==> flow/design.v <==
module mul_unit #(
  parameter DATA_W = 14
) (
  input  clk_i,
  input  clk_en,
  input  [DATA_W-1:0] rs1_in,
  input  [DATA_W-1:0] rs2_in,
  output reg [2*DATA_W-1:0] prod_out
);
  reg [DATA_W-1:0] rs1_r;
  reg [DATA_W-1:0] rs2_r;
  reg [2*DATA_W-1:0] r;
  integer k;
  always @* begin
    r = 0;
    for (k = 0; k < DATA_W; k = k + 1)
      if (rs2_r[k]) r = r + (rs1_r << k);
  end
  always @(posedge clk_i) begin
    if (clk_en) begin
      rs1_r <= rs1_in;
      rs2_r <= rs2_in;
      prod_out <= r;
    end
  end
endmodule
# Tool chain data of mul_unit
# The steps from the RTL of mul_unit to its reports follow in flow order.
# Lines are those of the file above, counted from 1.
# Cell names lack the library's common part.
setup:
  design: "mul_unit"
  clk_port: "clk_i"
  library: "sky130hd"
  lib_corner: "tt_025C_1v80"

# After elaboration
# Yosys after proc, flatten, opt, wreduce and memory -nomap, before mapping. Enables and synchronous resets that opt folds into registers are not counted as muxes. Memory bits, and registers merged into a memory's read port (data or address), are not among the register bits. Print and check cells are not counted. Equal cells are merged and count once.
op_classes:
  add_sub_neg: 13
  muxes: 14
op_table:
  columns: ["cell", "count"]
  rows:
  - ["two-way mux 28 bit", 13]
  - ["adder 28 x 15 -> 28 bit", 1]
  - ["adder 28 x 16 -> 28 bit", 1]
  - ["adder 28 x 17 -> 28 bit", 1]
  - ["adder 28 x 18 -> 28 bit", 1]
  - ["adder 28 x 19 -> 28 bit", 1]
  - ["adder 28 x 20 -> 28 bit", 1]
  - ["adder 28 x 21 -> 28 bit", 1]
  - ["adder 28 x 22 -> 28 bit", 1]
  - ["adder 28 x 23 -> 28 bit", 1]
  - ["adder 28 x 24 -> 28 bit", 1]
  - ["adder 28 x 25 -> 28 bit", 1]
  - ["adder 28 x 26 -> 28 bit", 1]
  - ["adder 28 x 27 -> 28 bit", 1]
  - ["two-way mux 14 bit", 1]
word_totals:
  out_inout_bits: 28
  reg_bits: 56
  inputBits: 30
  word_cells: 30

# Logic depth
# Yosys ltp: most cells in a row. Word level: on the elaborated netlist, between registers, memories and ports. Mapped: between sequential cells and ports; inverters and the memories' decode and read muxes count.
depth:
  word_depth: 27
  ABC_AREA: 0
  mapped_depth: 100
  mapped_depth_nobuf: 99

# Mapped cells and area
# Yosys stat after the flow's synthesis: flattened, memories mapped to cells. It holds for the ABC_AREA given above (unset counts as 0); a run with the other value may have another netlist.
# The area totals of this step are shown rounded.
synth_totals:
  seqArea_um2: 1700
  buf_cells: 45
  yosys_area_um2: 13000
  ff_cells: 56
  stdcells: 1670
by_type:
  columns: ["cell", "count", "type_area_um2"]
  rows:
  - ["ha_1", 203, 2.54E+03]
  - ["edfxtp_1", 56, 1.68E+03]
  - ["a21oi_1", 138, 690.662]
  - ["nand2_1", 158, 593.069]
  - ["nor2_1", 155, 581.808]
  - ["xnor2_1", 64, 560.538]
  - ["o21ai_0", 99, 495.475]
  - ["xor2_1", 53, 464.195]
  - ["mux2_2", 32, 360.346]
  - ["a21o_1", 47, 352.838]
  - ["inv_1", 81, 304.042]
  - ["o21a_1", 40, 300.288]
  - ["fa_1", 13, 260.25]
  - ["mux2i_1", 23, 230.221]
  - ["nor3_1", 44, 220.211]
  - ["nand3_1", 39, 195.187]
  - ["a211oi_1", 22, 165.158]
  - ["o31ai_1", 21, 157.651]
# Not listed: further types 79, cells in them 382.

# Worst setup path after synthesis
# OpenSTA on the mapped netlist: ideal clock, no wires. The path of least setup slack (recovery checks aside). Input and output delay are each 20% of the period. Register names are those of the netlist, which keeps one name where synthesis merged equal registers.
synth_path:
  path_type: "flip-flop to flip-flop"
  startpoint: "register rs1_r[1]"
  endpoint: "register prod_out[26]"
  driving_pins: 84
  clock_period_ns: 21.6
  t_required_ns: 21.340
  path_delay_ns: 17.266
  setup_ns: 0.260
  t_first_pin_ns: 0.000
  path_buffers: 0
  t_arrival_ns: 17.006
  setup_slack_ns: 4.335
  period_less_setup_slack_ns: 17.265
# "path_delay_ns" is the arrival time less input delay plus setup time.
# "driving_pins": output pins that drive a net of the path, with the launching flip-flop's if there is one; two outputs of one cell count as two.
# "period_less_setup_slack_ns" = period - worst setup slack (recovery checks aside). The figure is calculated, with input and output delays left at 20% of the set period.
# Between the ends stands the longest chain of elaborated cells between them, by number of cells; it is not shown to be the way that was timed. Of several equally long chains one is given.
# Each line given opens the expression or statement behind the cell; cells for indexed reads and writes are added by Yosys, which also makes memories of some case tables.
synth_between:
  cell_sequence: "edfxtp_1 -> inv_1 -> fa_1 -> nor2b_1 -> o21bai_1 -> a21oi_1 -> xnor2_1 -> a21oi_1 -> ha_1 -> o211ai_1 -> a21oi_1 -> nor2_1 -> xnor2_1 -> a221oi_1 -> inv_1 -> ha_1 -> or3_1 -> o21a_1 -> (+48 left out) -> a21oi_1 -> xnor2_1 -> nand2_1 -> o21ai_1 -> inv_1 -> ha_1 -> nand2_1 -> nor2_1 -> a211oi_1 -> o31ai_1 -> xor2_1 -> mux2_2 -> ha_1 -> inv_1 -> o21bai_1 -> a21oi_1 -> xnor2_1 -> mux2_2"
  elab_chain_len: 27
  cone_cells: 27
  lines_between: 1
  classes_between: "add/sub (13); mux (14)"
synth_lines:
  columns: ["item", "line", "rtl"]
  rows:
  - ["start: declaration", 10, "reg [DATA_W-1:0] rs1_r;"]
  - ["start: assignment", 21, "rs1_r <= rs1_in;"]
  - ["two-way mux 14 bit", 17, "if (rs2_r[k]) r = r + (rs1_r << k);"]
  - ["adder 28 x 15 -> 28 bit", 17, null]
  - ["two-way mux 28 bit", 17, null]
  - ["adder 28 x 16 -> 28 bit", 17, null]
  - ["two-way mux 28 bit", 17, null]
  - ["adder 28 x 17 -> 28 bit", 17, null]
  - ["two-way mux 28 bit", 17, null]
  - ["(+13 left out)", null, null]
  - ["two-way mux 28 bit", 17, null]
  - ["adder 28 x 25 -> 28 bit", 17, null]
  - ["two-way mux 28 bit", 17, null]
  - ["adder 28 x 26 -> 28 bit", 17, null]
  - ["two-way mux 28 bit", 17, null]
  - ["adder 28 x 27 -> 28 bit", 17, null]
  - ["two-way mux 28 bit", 17, null]
  - ["end: assignment", 23, "prod_out <= r;"]
  - ["end: declaration", 8, "output reg [2*DATA_W-1:0] prod_out"]

# Timing after layout
# From the final timing report of job 1: the path of least setup slack in the routed layout; clock arrival at registers is part of the times.
layout_path:
  path_type: "flip-flop to flip-flop"
  startpoint: "register rs1_r[1]"
  endpoint: "register prod_out[26]"
  setup_slack_ns: 0.01
  clock_period_ns: 17.3
  t_arrival_ns: 17.38
  setup_ns: 0.24
  driving_pins: 91
  t_required_ns: 17.39
  t_first_pin_ns: 0.34
  path_buffers: 3
# Between the ends stands the longest chain of elaborated cells between them, by number of cells; it is not shown to be the way that was timed. Of several equally long chains one is given.
layout_between:
  cell_sequence: "edfxtp_1 -> and2_4 -> ha_4 -> buf_4 -> a211oi_4 -> buf_4 -> o21bai_2 -> o211ai_1 -> xor2_1 -> ha_2 -> o211ai_1 -> o211ai_1 -> nand2_1 -> xor2_1 -> a21oi_1 -> ha_2 -> or3_4 -> o21a_1 -> (+55 left out) -> xor2_1 -> nand2_1 -> o31ai_2 -> ha_1 -> buf_4 -> xor2_2 -> nand2_1 -> inv_2 -> a2111oi_4 -> or2_4 -> ha_4 -> nor3_1 -> o41a_1 -> o21a_1 -> o21bai_1 -> a21oi_2 -> xnor2_1 -> mux2_4"
  elab_chain_len: 27
  cone_cells: 27
  lines_between: 1
  classes_between: "add/sub (13); mux (14)"
layout_lines:
  columns: ["item", "line", "rtl"]
  rows:
  - ["start: declaration", 10, "reg [DATA_W-1:0] rs1_r;"]
  - ["start: assignment", 21, "rs1_r <= rs1_in;"]
  - ["two-way mux 14 bit", 17, "if (rs2_r[k]) r = r + (rs1_r << k);"]
  - ["adder 28 x 15 -> 28 bit", 17, null]
  - ["two-way mux 28 bit", 17, null]
  - ["adder 28 x 16 -> 28 bit", 17, null]
  - ["two-way mux 28 bit", 17, null]
  - ["adder 28 x 17 -> 28 bit", 17, null]
  - ["two-way mux 28 bit", 17, null]
  - ["(+13 left out)", null, null]
  - ["two-way mux 28 bit", 17, null]
  - ["adder 28 x 25 -> 28 bit", 17, null]
  - ["two-way mux 28 bit", 17, null]
  - ["adder 28 x 26 -> 28 bit", 17, null]
  - ["two-way mux 28 bit", 17, null]
  - ["adder 28 x 27 -> 28 bit", 17, null]
  - ["two-way mux 28 bit", 17, null]
  - ["end: assignment", 23, "prod_out <= r;"]
  - ["end: declaration", 8, "output reg [2*DATA_W-1:0] prod_out"]

# mul_unit through Yosys and OpenROAD on sky130hd: 3 stored runs, unordered, with their settings and measured results. The constraints put input and output delay at 20% of the set period each and load the outputs with 0.01 pF.
# "period_reached_ns" = clock period - worst setup slack. The figure is calculated, with input and output delays left at 20% of the set period.
# "critical_path_time_ns": the worst setup path's part of the clock period (all of it between registers, 20% less for each end at a port) less its slack. A launch clock that arrives late makes it longer, a capture clock that arrives late makes it shorter.
# Measured values are rounded.
runs:
  - name: "job 1"
    settings:
      period_ns: 17.3
      CORE_UTILIZATION: 42
      SETUP_SLACK_MARGIN: 4.14
      PLACE_DENSITY: 0.94
      CORE_ASPECT_RATIO: 1.61
      CELL_PAD_IN_SITES_GLOBAL_PLACEMENT: 1
      CELL_PAD_IN_SITES_DETAIL_PLACEMENT: 0
      TNS_END_PERCENT: 65
      ABC_AREA: 0
      GPL_TIMING_DRIVEN: 0
      CTS_CLUSTER_DIAMETER: 89
      MAX_ROUTING_LAYER: "met4"
      CAP_MARGIN: 20
      CORE_MARGIN: 2
      SLEW_MARGIN: 20
    results:
      finish.stdcell_area_um2: 18000
      setupTns_ns: 0.000
      critical_path_time_ns: 17.29
      path_kind: "flip-flop to flip-flop"
      yosys_chip_area_um2: 13000
      design_die_area_um2: 32000
      timing.setup.ws_ns: 0.005
      period_reached_ns: 17.295
  - name: "job 2"
    settings:
      period_ns: 15.1
      CORE_UTILIZATION: 34
      SETUP_SLACK_MARGIN: -0.98
      CORE_ASPECT_RATIO: 0.69
      TNS_END_PERCENT: 50
      ABC_AREA: 0
      CTS_CLUSTER_SIZE: 50
      SLEW_MARGIN: 15
      CAP_MARGIN: 20
      CORE_MARGIN: 2
    results:
      finish.stdcell_area_um2: 20000
      setupTns_ns: -15
      critical_path_time_ns: 16.96
      path_kind: "flip-flop to flip-flop"
      yosys_chip_area_um2: 13000
      design_die_area_um2: 40000
      timing.setup.ws_ns: -1.9
      period_reached_ns: 16.955
  - name: "job 3"
    settings:
      period_ns: 21.6
      CAP_MARGIN: 20
      CORE_MARGIN: 2
      CORE_UTILIZATION: 40
      SLEW_MARGIN: 20
    results:
      finish.stdcell_area_um2: 14000
      setupTns_ns: 0.000
      critical_path_time_ns: 19.93
      path_kind: "flip-flop to flip-flop"
      yosys_chip_area_um2: 13000
      design_die_area_um2: 34000
      timing.setup.ws_ns: 1.7
      period_reached_ns: 19.929
